==> flow/design.v <==
module alu_registers_rtl #(
  parameter D = 48,
  parameter WIDTH = 2,
  parameter ADDR_WIDTH = $clog2(D)
) (
  input wire CLK,
  input wire i_rst_n,
  input wire in_wr,
  input wire [ADDR_WIDTH-1:0] in_wsel,
  input wire [WIDTH-1:0] in_write_data,
  input wire [ADDR_WIDTH-1:0] in_raddr_a,
  input wire [ADDR_WIDTH-1:0] in_raddr_b,
  output wire [WIDTH-1:0] out_read_data_a,
  output wire [WIDTH-1:0] out_read_data_b
);
  reg wr_s;
  reg [ADDR_WIDTH-1:0] wsel_s;
  reg [WIDTH-1:0] write_data_s;
  always @(posedge CLK or negedge i_rst_n) begin
    if (!i_rst_n) begin
      wr_s <= 1'b0;
      wsel_s <= 0;
      write_data_s <= 0;
    end else begin
      wr_s <= in_wr;
      wsel_s <= in_wsel;
      write_data_s <= in_write_data;
    end
  end
  reg [WIDTH-1:0] ram [0:D-1];
  always @(posedge CLK) begin
    if (wr_s && wsel_s != 0)
      ram[wsel_s] <= write_data_s;
  end
  reg [ADDR_WIDTH-1:0] raddr_a_s;
  reg [ADDR_WIDTH-1:0] raddr_b_s;
  reg [WIDTH-1:0] read_data_a_s;
  always @(posedge CLK or negedge i_rst_n) begin
    if (!i_rst_n) begin
      raddr_a_s <= 0;
      raddr_b_s <= 0;
      read_data_a_s <= 0;
    end else begin
      raddr_a_s <= in_raddr_a;
      raddr_b_s <= in_raddr_b;
      read_data_a_s <= (raddr_a_s == 0) ? {WIDTH{1'b0}} : ram[raddr_a_s];
    end
  end
  assign out_read_data_a = read_data_a_s;
  reg [WIDTH-1:0] read_data_b_s;
  always @(posedge CLK or negedge i_rst_n) begin
    if (!i_rst_n) begin
      read_data_b_s <= 0;
    end else begin
      read_data_b_s <= (raddr_b_s == 0) ? {WIDTH{1'b0}} : ram[raddr_b_s];
    end
  end
  assign out_read_data_b = read_data_b_s;
endmodule
# Step by step through the tools: alu_registers_rtl
# Tool output for the members of one design family, told apart by "WIDTH", in the order of the flow.
# The file above is the member WIDTH 2. Line numbers count from 1 in each member's own file.
# Operators carry their Yosys type and port widths (W data, S select, Z words).
# A cell with - has no value.
[setup]
top_module = "alu_registers_rtl"
clock_port = "CLK"
cell_library = "sky130hd"
corner = "tt_025C_1v80"

# Members of the sweep
# Lines of each other member's file that are new or changed against the file above; lines that a member lacks are not shown.
[src_changes]
columns = ["WIDTH", "line", "source"]
rows = [
  [4, 3, "parameter WIDTH = 4,"],
  [6, 3, "parameter WIDTH = 6,"],
  [8, 3, "parameter WIDTH = 8,"],
  [10, 3, "parameter WIDTH = 10,"],
  [12, 3, "parameter WIDTH = 12,"],
  [24, 3, "parameter WIDTH = 24,"],
]

# Word level
# Yosys after proc, flatten, opt, wreduce and memory -nomap, before mapping. Enables and synchronous resets that opt folds into registers are not counted as muxes. Memory bits, and registers merged into a memory's read port (data or address), are not among the register bits. Print and check cells are not counted. Equal cells are merged and count once.
# Yosys's memory passes give these memory sizes; they may raise the number of words (mostly to a power of two), join words into wider ones and drop unused or constant bits.
[word_totals]
columns = ["WIDTH", "register_bits", "memories", "ram_bits", "word_cells", "inputBits", "output_inout_bits"]
rows = [
  [2, 25, 1, 96, 17, 23, 4],
  [4, 31, 1, 192, 17, 25, 8],
  [6, 37, 1, 288, 17, 27, 12],
  [8, 43, 1, 384, 17, 29, 16],
  [10, 49, 1, 480, 17, 31, 20],
  [12, 55, 1, 576, 17, 33, 24],
  [24, 91, 1, 1152, 17, 45, 48],
]
[op_classes]
columns = ["WIDTH", "mux", "reduce_logical"]
rows = [
  [2, 5, 4],
  [4, 5, 4],
  [6, 5, 4],
  [8, 5, 4],
  [10, 5, 4],
  [12, 5, 4],
  [24, 5, 4],
]
[memory_table]
columns = ["WIDTH", "memory_list"]
rows = [
  [2, "ram 48 x 2 bit 2R1W"],
  [4, "ram 48 x 4 bit 2R1W"],
  [6, "ram 48 x 6 bit 2R1W"],
  [8, "ram 48 x 8 bit 2R1W"],
  [10, "ram 48 x 10 bit 2R1W"],
  [12, "ram 48 x 12 bit 2R1W"],
  [24, "ram 48 x 24 bit 2R1W"],
]
[op_table]
columns = ["WIDTH", "op_list"]
rows = [
  [2, "2 x $logic_not A6 Y1; 1 x $reduce_bool A6 Y1; 1 x $mux W6; 3 x $mux W2; 1 x $logic_and A1 B1 Y1; 1 x $mux W1"],
  [4, "2 x $logic_not A6 Y1; 3 x $mux W4; 1 x $reduce_bool A6 Y1; 1 x $mux W6; 1 x $logic_and A1 B1 Y1; 1 x $mux W1"],
  [6, "4 x $mux W6; 2 x $logic_not A6 Y1; 1 x $reduce_bool A6 Y1; 1 x $logic_and A1 B1 Y1; 1 x $mux W1"],
  [8, "3 x $mux W8; 2 x $logic_not A6 Y1; 1 x $reduce_bool A6 Y1; 1 x $mux W6; 1 x $logic_and A1 B1 Y1; 1 x $mux W1"],
  [10, "3 x $mux W10; 2 x $logic_not A6 Y1; 1 x $reduce_bool A6 Y1; 1 x $mux W6; 1 x $logic_and A1 B1 Y1; 1 x $mux W1"],
  [12, "3 x $mux W12; 2 x $logic_not A6 Y1; 1 x $reduce_bool A6 Y1; 1 x $mux W6; 1 x $logic_and A1 B1 Y1; 1 x $mux W1"],
  [24, "3 x $mux W24; 2 x $logic_not A6 Y1; 1 x $reduce_bool A6 Y1; 1 x $mux W6; 1 x $logic_and A1 B1 Y1; 1 x $mux W1"],
]

# Depth
# Depth = most cells in a row (Yosys ltp): at word level without a register or memory, in the mapped netlist without a sequential cell, where the memories' decode and read muxes count.
[depth]
columns = ["WIDTH", "depth_word", "abc_area", "mapped_depth", "mapped_depth_nobuf"]
rows = [
  [2, 3, 0, 7, 4],
  [4, 3, 0, 8, 5],
  [6, 3, 0, 8, 5],
  [8, 3, 0, 8, 5],
  [10, 3, 0, 8, 5],
  [12, 3, 0, 9, 5],
  [24, 3, 0, 9, 5],
]

# Netlist
# Yosys stat after the flow's synthesis: flattened, memories mapped to cells. It holds for the ABC_AREA given above (unset counts as 0); a run with the other value may have another netlist.
[types]
columns = ["WIDTH", "type_list"]
rows = [
  [2, "96 x sky130_fd_sc_hd__edfxtp_1; 41 x sky130_fd_sc_hd__mux4_2; 25 x sky130_fd_sc_hd__dfrtp_1; 52 x sky130_fd_sc_hd__nor2_1; 19 x sky130_fd_sc_hd__mux2i_1; 7 x sky130_fd_sc_hd__mux4_1; 9 x sky130_fd_sc_hd__nand3_1; 6 x sky130_fd_sc_hd__o22ai_1; 7 x sky130_fd_sc_hd__buf_2; 5 x sky130_fd_sc_hd__nor2b_1; 8 x sky130_fd_sc_hd__nand2_1; 4 x sky130_fd_sc_hd__nand3b_1; 7 x sky130_fd_sc_hd__clkbuf_1; 3 x sky130_fd_sc_hd__or3b_2; 2 x sky130_fd_sc_hd__a22oi_2; 3 x sky130_fd_sc_hd__a22oi_1; 3 x sky130_fd_sc_hd__buf_4; 2 x sky130_fd_sc_hd__buf_6; [+20]"],
  [4, "192 x sky130_fd_sc_hd__edfxtp_1; 56 x sky130_fd_sc_hd__mux4_2; 31 x sky130_fd_sc_hd__dfrtp_1; 76 x sky130_fd_sc_hd__mux2i_1; 57 x sky130_fd_sc_hd__nor2_1; 7 x sky130_fd_sc_hd__mux4_1; 24 x sky130_fd_sc_hd__a22oi_1; 24 x sky130_fd_sc_hd__nand3_1; 26 x sky130_fd_sc_hd__nand2_1; 15 x sky130_fd_sc_hd__buf_2; 5 x sky130_fd_sc_hd__mux2_2; 9 x sky130_fd_sc_hd__nor2b_1; 8 x sky130_fd_sc_hd__nand4_1; 6 x sky130_fd_sc_hd__buf_4; 6 x sky130_fd_sc_hd__nand3b_1; 6 x sky130_fd_sc_hd__o211ai_1; 11 x sky130_fd_sc_hd__clkbuf_1; 8 x sky130_fd_sc_hd__a21oi_1; [+49]"],
  [6, "288 x sky130_fd_sc_hd__edfxtp_1; 133 x sky130_fd_sc_hd__mux4_2; 37 x sky130_fd_sc_hd__dfrtp_1; 49 x sky130_fd_sc_hd__mux2i_1; 88 x sky130_fd_sc_hd__nor2_1; 6 x sky130_fd_sc_hd__mux4_1; 20 x sky130_fd_sc_hd__buf_2; 11 x sky130_fd_sc_hd__buf_4; 22 x sky130_fd_sc_hd__nand2_1; 10 x sky130_fd_sc_hd__a22oi_1; 10 x sky130_fd_sc_hd__a31oi_1; 7 x sky130_fd_sc_hd__a22o_1; 12 x sky130_fd_sc_hd__o21ai_0; 6 x sky130_fd_sc_hd__a221oi_1; 8 x sky130_fd_sc_hd__nor2b_1; 4 x sky130_fd_sc_hd__buf_6; 9 x sky130_fd_sc_hd__nand3_1; 2 x sky130_fd_sc_hd__buf_12; [+60]"],
  [8, "384 x sky130_fd_sc_hd__edfxtp_1; 185 x sky130_fd_sc_hd__mux4_2; 43 x sky130_fd_sc_hd__dfrtp_1; 39 x sky130_fd_sc_hd__mux2i_1; 11 x sky130_fd_sc_hd__mux4_1; 74 x sky130_fd_sc_hd__nor2_1; 26 x sky130_fd_sc_hd__a22oi_1; 25 x sky130_fd_sc_hd__buf_2; 14 x sky130_fd_sc_hd__buf_4; 8 x sky130_fd_sc_hd__buf_6; 12 x sky130_fd_sc_hd__o22ai_1; 5 x sky130_fd_sc_hd__mux2_2; 15 x sky130_fd_sc_hd__nand2_1; 10 x sky130_fd_sc_hd__a21oi_1; 8 x sky130_fd_sc_hd__nor2b_1; 13 x sky130_fd_sc_hd__clkbuf_1; 9 x sky130_fd_sc_hd__nand3_1; 9 x sky130_fd_sc_hd__nor3_1; [+79]"],
  [10, "480 x sky130_fd_sc_hd__edfxtp_1; 235 x sky130_fd_sc_hd__mux4_2; 49 x sky130_fd_sc_hd__dfrtp_1; 39 x sky130_fd_sc_hd__mux2i_1; 43 x sky130_fd_sc_hd__a22oi_1; 61 x sky130_fd_sc_hd__nor2_1; 41 x sky130_fd_sc_hd__buf_2; 7 x sky130_fd_sc_hd__mux4_1; 13 x sky130_fd_sc_hd__mux2_2; 13 x sky130_fd_sc_hd__a22o_1; 8 x sky130_fd_sc_hd__buf_6; 13 x sky130_fd_sc_hd__nor2b_1; 19 x sky130_fd_sc_hd__nand2_1; 11 x sky130_fd_sc_hd__o22ai_1; 7 x sky130_fd_sc_hd__buf_4; 8 x sky130_fd_sc_hd__nand4_1; 13 x sky130_fd_sc_hd__clkbuf_1; 6 x sky130_fd_sc_hd__o21a_1; [+97]"],
  [12, "576 x sky130_fd_sc_hd__edfxtp_1; 267 x sky130_fd_sc_hd__mux4_2; 55 x sky130_fd_sc_hd__dfrtp_1; 56 x sky130_fd_sc_hd__mux2i_1; 11 x sky130_fd_sc_hd__mux4_1; 70 x sky130_fd_sc_hd__nor2_1; 26 x sky130_fd_sc_hd__a221oi_1; 27 x sky130_fd_sc_hd__a22oi_1; 40 x sky130_fd_sc_hd__buf_2; 17 x sky130_fd_sc_hd__buf_6; 39 x sky130_fd_sc_hd__nand2_1; 25 x sky130_fd_sc_hd__a21oi_1; 19 x sky130_fd_sc_hd__nand3_1; 15 x sky130_fd_sc_hd__nor2b_1; 22 x sky130_fd_sc_hd__clkbuf_1; 9 x sky130_fd_sc_hd__a22o_1; 10 x sky130_fd_sc_hd__buf_4; 8 x sky130_fd_sc_hd__a32oi_1; [+134]"],
  [24, "1152 x sky130_fd_sc_hd__edfxtp_1; 493 x sky130_fd_sc_hd__mux4_2; 91 x sky130_fd_sc_hd__dfrtp_1; 107 x sky130_fd_sc_hd__mux2i_1; 91 x sky130_fd_sc_hd__mux2_2; 102 x sky130_fd_sc_hd__a22oi_1; 136 x sky130_fd_sc_hd__nor2_1; 89 x sky130_fd_sc_hd__buf_2; 59 x sky130_fd_sc_hd__o22ai_1; 42 x sky130_fd_sc_hd__a211oi_1; 34 x sky130_fd_sc_hd__a221oi_1; 26 x sky130_fd_sc_hd__buf_6; 77 x sky130_fd_sc_hd__nand2_1; 37 x sky130_fd_sc_hd__buf_4; 47 x sky130_fd_sc_hd__o21ai_0; 37 x sky130_fd_sc_hd__nor2b_1; 29 x sky130_fd_sc_hd__a31oi_1; 47 x sky130_fd_sc_hd__clkbuf_1; [+232]"],
]
# A list marked [+n] leaves out that many cells.
[mapped]
columns = ["WIDTH", "buf_cells", "ff_cells", "yosys_area_um2", "seqArea_um2", "cell_count"]
rows = [
  [2, 20, 121, 5517.8, 3508.4, 319],
  [4, 37, 223, 10172.3, 6541.3, 616],
  [6, 47, 325, 14699.1, 9574.2, 782],
  [8, 64, 427, 19278.5, 12607.1, 969],
  [10, 80, 529, 23680.2, 15640.0, 1163],
  [12, 101, 631, 28381.0, 18672.9, 1426],
  [24, 213, 1243, 56013.7, 36870.4, 2928],
]

# Worst setup path after synthesis
# OpenSTA on the mapped netlist: ideal clock, no wires. The path of least setup slack (recovery checks aside). Input and output delay are each 20% of the period. Register names are those of the netlist, which keeps one name where synthesis merged equal registers.
[synth_timing]
columns = ["WIDTH", "path_kind", "startpoint", "endpoint", "path_slack_ns", "delay_ns", "driving_pins", "clock_period_ns", "period_less_setup_slack_ns"]
rows = [
  [2, "register to register", "register raddr_a_s[1]", "register read_data_a_s[1]", 0.449, 1.801, 8, 2.25, 1.801],
  [4, "register to register", "register raddr_a_s[0]", "register read_data_a_s[0]", 0.487, 1.943, 6, 2.43, 1.943],
  [6, "register to register", "register raddr_b_s[0]", "register read_data_b_s[5]", 0.455, 1.805, 7, 2.26, 1.805],
  [8, "register to register", "register raddr_a_s[0]", "register read_data_a_s[2]", 0.500, 1.991, 9, 2.49, 1.99],
  [10, "register to register", "register raddr_a_s[0]", "register read_data_a_s[0]", 0.504, 2.007, 9, 2.51, 2.006],
  [12, "register to register", "register raddr_a_s[0]", "register read_data_a_s[0]", 0.500, 2.020, 9, 2.52, 2.02],
  [24, "register to register", "register wsel_s[5]", "memory ram[23][0]", 0.620, 2.491, 4, 3.11, 2.49],
]
# "delay_ns" is the arrival time less input delay plus setup time.
# "driving_pins" counts driving pins, that of a launching flip-flop among them; a cell with two outputs on the path counts twice.
# "period_less_setup_slack_ns" = period - worst setup slack (recovery checks aside). The figure is calculated, with input and output delays left at 20% of the set period.
# Between the ends stands the longest chain of elaborated cells between them, by number of cells; it is not shown to be the way that was timed. Of several equally long chains one is given.
# Each line given opens the expression or statement behind the cell; cells for indexed reads and writes are added by Yosys, which also makes memories of some case tables.
# The chain passes a memory read, where the word-level depth is cut; so it can be longer than that depth.
[synth_between_WIDTH_2]
elab_chain_cells = 2
[synth_rtl_WIDTH_2]
columns = ["item", "line", "source"]
rows = [
  ["start: declaration", 35, "reg [ADDR_WIDTH-1:0] raddr_a_s;"],
  ["start: assignment", 40, "raddr_a_s <= 0;"],
  ["start: assignment", 44, "raddr_a_s <= in_raddr_a;"],
  ["$mem_v2 Z48 W2", 30, "reg [WIDTH-1:0] ram [0:D-1];"],
  ["$mux W2", 46, "read_data_a_s <= (raddr_a_s == 0) ? {WIDTH{1'b0}} : ram[raddr_a_s];"],
  ["end: assignment", 42, "read_data_a_s <= 0;"],
  ["end: assignment", 46, ""],
  ["end: declaration", 37, "reg [WIDTH-1:0] read_data_a_s;"],
]
# WIDTH 24: Only ways into the end's enable, where the timed path ends, are counted here.
[synth_between_WIDTH_24]
elab_chain_cells = 3
[synth_rtl_WIDTH_24]
columns = ["item", "line", "source"]
rows = [
  ["start: declaration", 17, "reg [ADDR_WIDTH-1:0] wsel_s;"],
  ["start: assignment", 22, "wsel_s <= 0;"],
  ["start: assignment", 26, "wsel_s <= in_wsel;"],
  ["$reduce_bool A6 Y1", 32, "if (wr_s && wsel_s != 0)"],
  ["$logic_and A1 B1 Y1", 32, ""],
  ["$mux W6", 32, ""],
  ["end: declaration", 30, "reg [WIDTH-1:0] ram [0:D-1];"],
]

# Path in the finished layout
# Path of least setup slack in the final report of each member's run (OpenROAD, finished layout, wires in). Where an end is a register, its clock arrival counts in the times.
[layout_timing]
columns = ["WIDTH", "path_kind", "startpoint", "endpoint", "clock_period_ns", "path_buffers", "path_slack_ns", "driving_pins", "arrival_ns"]
rows = [
  [2, "register to register", "register raddr_b_s[2]", "register read_data_b_s[1]", 2.25, 1, 0.26, 6, 2.30],
  [4, "register to register", "register raddr_a_s[0]", "register read_data_a_s[3]", 2.43, 1, 0.18, 6, 2.64],
  [6, "register to register", "register raddr_b_s[0]", "register read_data_b_s[4]", 2.26, 3, 0.06, 9, 2.56],
  [8, "register to register", "register raddr_a_s[0]", "register read_data_a_s[6]", 2.49, 1, 0.01, 6, 2.94],
  [10, "register to register", "register raddr_b_s[0]", "register read_data_b_s[6]", 2.51, 3, 0.00, 8, 2.98],
  [12, "register to register", "register raddr_b_s[5]", "register read_data_b_s[1]", 2.52, 0, 0.00, 6, 2.99],
  [24, "register to register", "register raddr_b_s[2]", "register read_data_b_s[20]", 3.11, 1, 0.01, 7, 3.69],
]

# Layout results
# Settings and results of one run of the flow (Yosys, OpenROAD) for each member follow. The constraints put input and output delay at 20% of the set period each and load the outputs with 0.01 pF.
[flow_settings]
CAP_MARGIN = 20
CORE_MARGIN = 2
CORE_UTILIZATION = 40
SLEW_MARGIN = 20
[settings_diff]
columns = ["WIDTH", "period_ns"]
rows = [
  [2, 2.25],
  [4, 2.43],
  [6, 2.26],
  [8, 2.49],
  [10, 2.51],
  [12, 2.52],
  [24, 3.11],
]
[measured]
columns = ["WIDTH", "timing.setup.ws_ns", "post_synth_area_um2", "total_die_area_um2", "achievedPeriod_ns", "final_cell_area_um2"]
rows = [
  [2, 0.261, 5517.8, 14750.1, 1.989, 6601.3],
  [4, 0.181, 10172.3, 26722.4, 2.249, 11816.3],
  [6, 0.062, 14699.1, 38296.5, 2.198, 17698.2],
  [8, 0.010, 19278.5, 49967.9, 2.480, 22982.0],
  [10, 0.001, 23680.2, 61162.2, 2.509, 28317.2],
  [12, -0.001, 28381.0, 73099.9, 2.521, 34379.2],
  [24, 0.014, 56013.7, 143043.0, 3.096, 66133.4],
]
# "achievedPeriod_ns" is the run's clock period less its worst setup slack. It is reckoned from that one timing run; input and output delays stay at 20% of the period that was set.
